==> flow/design.v <==
module my_mplex_top #(
  parameter BITS = 64,
  parameter N_IN = 8,
  parameter SW = $clog2(N_IN)
) (
  input clk_i,
  input clr,
  input adv,
  input [N_IN*BITS-1:0] in_src,
  input [SW-1:0] in_select,
  output reg [BITS-1:0] out_data_out
);
  reg [N_IN*BITS-1:0] r_src;
  always @(posedge clk_i or posedge clr) begin
    if (clr) begin
      r_src <= 0;
    end else if (adv) begin
      r_src <= in_src;
    end
  end
  reg [SW-1:0] r_select;
  always @(posedge clk_i or posedge clr) begin
    if (clr) begin
      r_select <= 0;
    end else if (adv) begin
      r_select <= in_select;
    end
  end
  localparam HALF = N_IN / 2;
  reg [BITS-1:0] r_lo;
  always @(posedge clk_i or posedge clr) begin
    if (clr) begin
      r_lo <= 0;
    end else if (adv) begin
      r_lo <= r_src[r_select[SW-2:0]*BITS +: BITS];
    end
  end
  reg [BITS-1:0] r_hi;
  always @(posedge clk_i or posedge clr) begin
    if (clr) begin
      r_hi <= 0;
    end else if (adv) begin
      r_hi <= r_src[(HALF + r_select[SW-2:0])*BITS +: BITS];
    end
  end
  reg r_select_d;
  always @(posedge clk_i or posedge clr) begin
    if (clr) begin
      r_select_d <= 1'b0;
    end else if (adv) begin
      r_select_d <= r_select[SW-1];
    end
  end
  always @(posedge clk_i or posedge clr) begin
    if (clr) begin
      out_data_out <= 0;
    end else if (adv) begin
      out_data_out <= r_select_d ? r_hi : r_lo;
    end
  end
endmodule
# Reports on my_mplex_top
# The steps from the RTL of my_mplex_top to its reports follow in flow order.
# Lines are those of the file above, counted from 1.
# Operators: Yosys type, input widths -> output width; for muxes data width and select width s.
# Library cell names are shortened.
# Not given: --
# setup
top	my_mplex_top
clock_port	clk_i
lib	sky130hd
pvt_corner	tt_025C_1v80

# Elaborated design
# Yosys after proc, flatten, opt, wreduce and memory -nomap, before mapping. Enables and synchronous resets that opt folds into registers are not counted as muxes. Memory bits, and registers merged into a memory's read port (data or address), are not among the register bits. Print and check cells are not counted. Equal cells are merged and count once.
# op_classes
mux	1
shifts	2
add_sub_neg	1
# op_table
op	n
$shiftx 512x11->64	1
$shiftx 512x9->64	1
$mux 64	1
$add 3x2->4 const A	1
# word_totals
reg_bits	708
elab_cells	10
output_inout_bits	64
in_bits	518

# Longest topological paths
# Depth = most cells in a row (Yosys ltp): at word level without a register or memory, in the mapped netlist without a sequential cell, where the memories' decode and read muxes count.
# logic_depth
word_depth	2
abc_area	0
ltp_mapped	6
depth_no_buf	2

# Synthesis result
# The flow's flattened synthesis, as Yosys stat reports it; memories are mapped. The netlist is that of the ABC_AREA named above (0 if unset); the other value can give another one.
# The area totals of this step are shown rounded.
# synth_totals
seqArea_um2	17700
yosys_area_um2	30700
cell_count	2081
ff_cells	708
# by_type
cell	n	type_area_um2
dfrtp_1	708	1.77E+04
mux2_2	516	5.81E+03
mux2i_1	320	3.2E+03
o221ai_1	119	1042.25
nand2b_1	128	800.768
buf_6	54	608.083
buf_8	23	345.331
a21oi_1	64	320.307
nor2_1	64	240.23
buf_2	34	170.163
o221ai_2	9	135.13
buf_4	17	127.622
clkbuf_1	17	63.811
buf_12	2	40.038
clkbuf_4	3	22.522
nand2b_2	1	8.758
inv_1	1	3.754
nand2_1	1	3.754

# Worst setup path after synthesis
# OpenSTA on the mapped netlist: ideal clock, no wires. The path of least setup slack (recovery checks aside). Input and output delay are each 20% of the period. Register names are those of the netlist, which keeps one name where synthesis merged equal registers.
# synth_path
path_kind	register to register
from	reg r_select[0]
to	reg r_hi[1]
arrival_ps	1078
path_delay_ps	1210
path_buffers	3
setup_ps	132
path_stages	6
t_first_pin_ps	0
clock_period_ps	1510
path_slack_ps	301
required_ps	1378
period_less_setup_slack_ps	1209
# "path_delay_ps" = arrival - input delay + setup time.
# "path_stages": output pins that drive a net of the path, with the launching flip-flop's if there is one; two outputs of one cell count as two.
# "period_less_setup_slack_ps" = period - worst setup slack (recovery checks aside). The figure is calculated, with input and output delays left at 20% of the set period.
# The rows between start and end are the longest chain of elaborated cells between them; the timing report does not say that the signal goes this way. Where chains are equally long, one stands for them.
# A line is the first line of the expression or statement that the cell stems from. Yosys adds cells for indexed reads and writes and turns some case tables into memories.
# synth_via
cell_sequence	dfrtp_1 buf_4 buf_12 buf_8 mux2i_1 o221ai_2
elab_chain_cells	2
cone_cells	2
cone_lines	1
# synth_rtl
element	line	text
start: declaration	21	reg [SW-1:0] r_select;
start: assignment	24	r_select <= 0;
start: assignment	26	r_select <= in_select;
$add 3x2->4	43	r_hi <= r_src[(HALF + r_select[SW-2:0])*BITS +: BITS];
$shiftx 512x11->64	43
end: assignment	41	r_hi <= 0;
end: assignment	43
end: declaration	38	reg [BITS-1:0] r_hi;

# Worst path after layout
# Path of least setup slack in the final report of stored run 1 (OpenROAD, finished layout, wires in). Where an end is a register, its clock arrival counts in the times.
# The report prints the path's times to 10 ps; the period is as set.
# layout_path
path_kind	register to register
from	reg r_select[0]
to	reg r_hi[25]
path_slack_ps	-710
path_buffers	2
setup_ps	150
path_stages	5
clock_period_ps	786
t_first_pin_ps	600
arrival_ps	1950
required_ps	1240
# The rows between start and end are the longest chain of elaborated cells between them; the timing report does not say that the signal goes this way. Where chains are equally long, one stands for them.
# layout_via
cell_sequence	dfrtp_4 buf_12 buf_16 mux2i_1 o221ai_1
elab_chain_cells	2
cone_cells	2
cone_lines	1
# layout_rtl
element	line	text
start: declaration	21	reg [SW-1:0] r_select;
start: assignment	24	r_select <= 0;
start: assignment	26	r_select <= in_select;
$add 3x2->4	43	r_hi <= r_src[(HALF + r_select[SW-2:0])*BITS +: BITS];
$shiftx 512x11->64	43
end: assignment	41	r_hi <= 0;
end: assignment	43
end: declaration	38	reg [BITS-1:0] r_hi;

# Measured results for my_mplex_top: 3 stored runs of the Yosys and OpenROAD flow on sky130hd. The settings differ; the order carries no meaning. The constraints put input and output delay at 20% of the set period each and load the outputs with 0.01 pF.
# "period_less_ws_ps" means the clock period less the worst setup slack. The figure is calculated, with input and output delays left at 20% of the set period.
# By "fin_power_uw" is meant OpenSTA's value without simulated activity: inputs other than the clock are taken to toggle once in ten clock periods, and the tool carries that through the logic.
# The measured numbers are rounded.
# Settings: n/a = not set for that run.
# Results: n/a = not shown.
name,stored run 1,stored run 2,stored run 3
period_ns,0.786,1.52,1.51
CORE_UTILIZATION,60,71,40
SETUP_SLACK_MARGIN,0.14,0.36,n/a
PLACE_DENSITY,0.81,n/a,n/a
CELL_PAD_IN_SITES_DETAIL_PLACEMENT,0,0,n/a
TNS_END_PERCENT,5,90,n/a
GPL_TIMING_DRIVEN,1,1,n/a
CTS_CLUSTER_SIZE,39,46,n/a
CAP_MARGIN,5,20,20
MIN_ROUTING_LAYER,met1,met1,n/a
CORE_MARGIN,2,2,2
SLEW_MARGIN,20,35,20
PLACE_DENSITY_LB_ADDON,n/a,0.01,n/a
HOLD_SLACK_MARGIN,n/a,0.02,n/a
CORE_ASPECT_RATIO,n/a,0.64,n/a
CELL_PAD_IN_SITES_GLOBAL_PLACEMENT,n/a,3,n/a
ABC_AREA,n/a,1,n/a
fin_power_uw,98500,n/a,50700
tns_ps,-134000,n/a,-1
post_route_util_pct,83.2,n/a,53.2
die_um2,52900,n/a,78900
period_less_ws_ps,1494,n/a,1511
worstSetupSlack_ps,-708,n/a,-1
synthesis_area_um2,30700,n/a,30700
# Stored run 2: incomplete, placement halted on FLW-0024
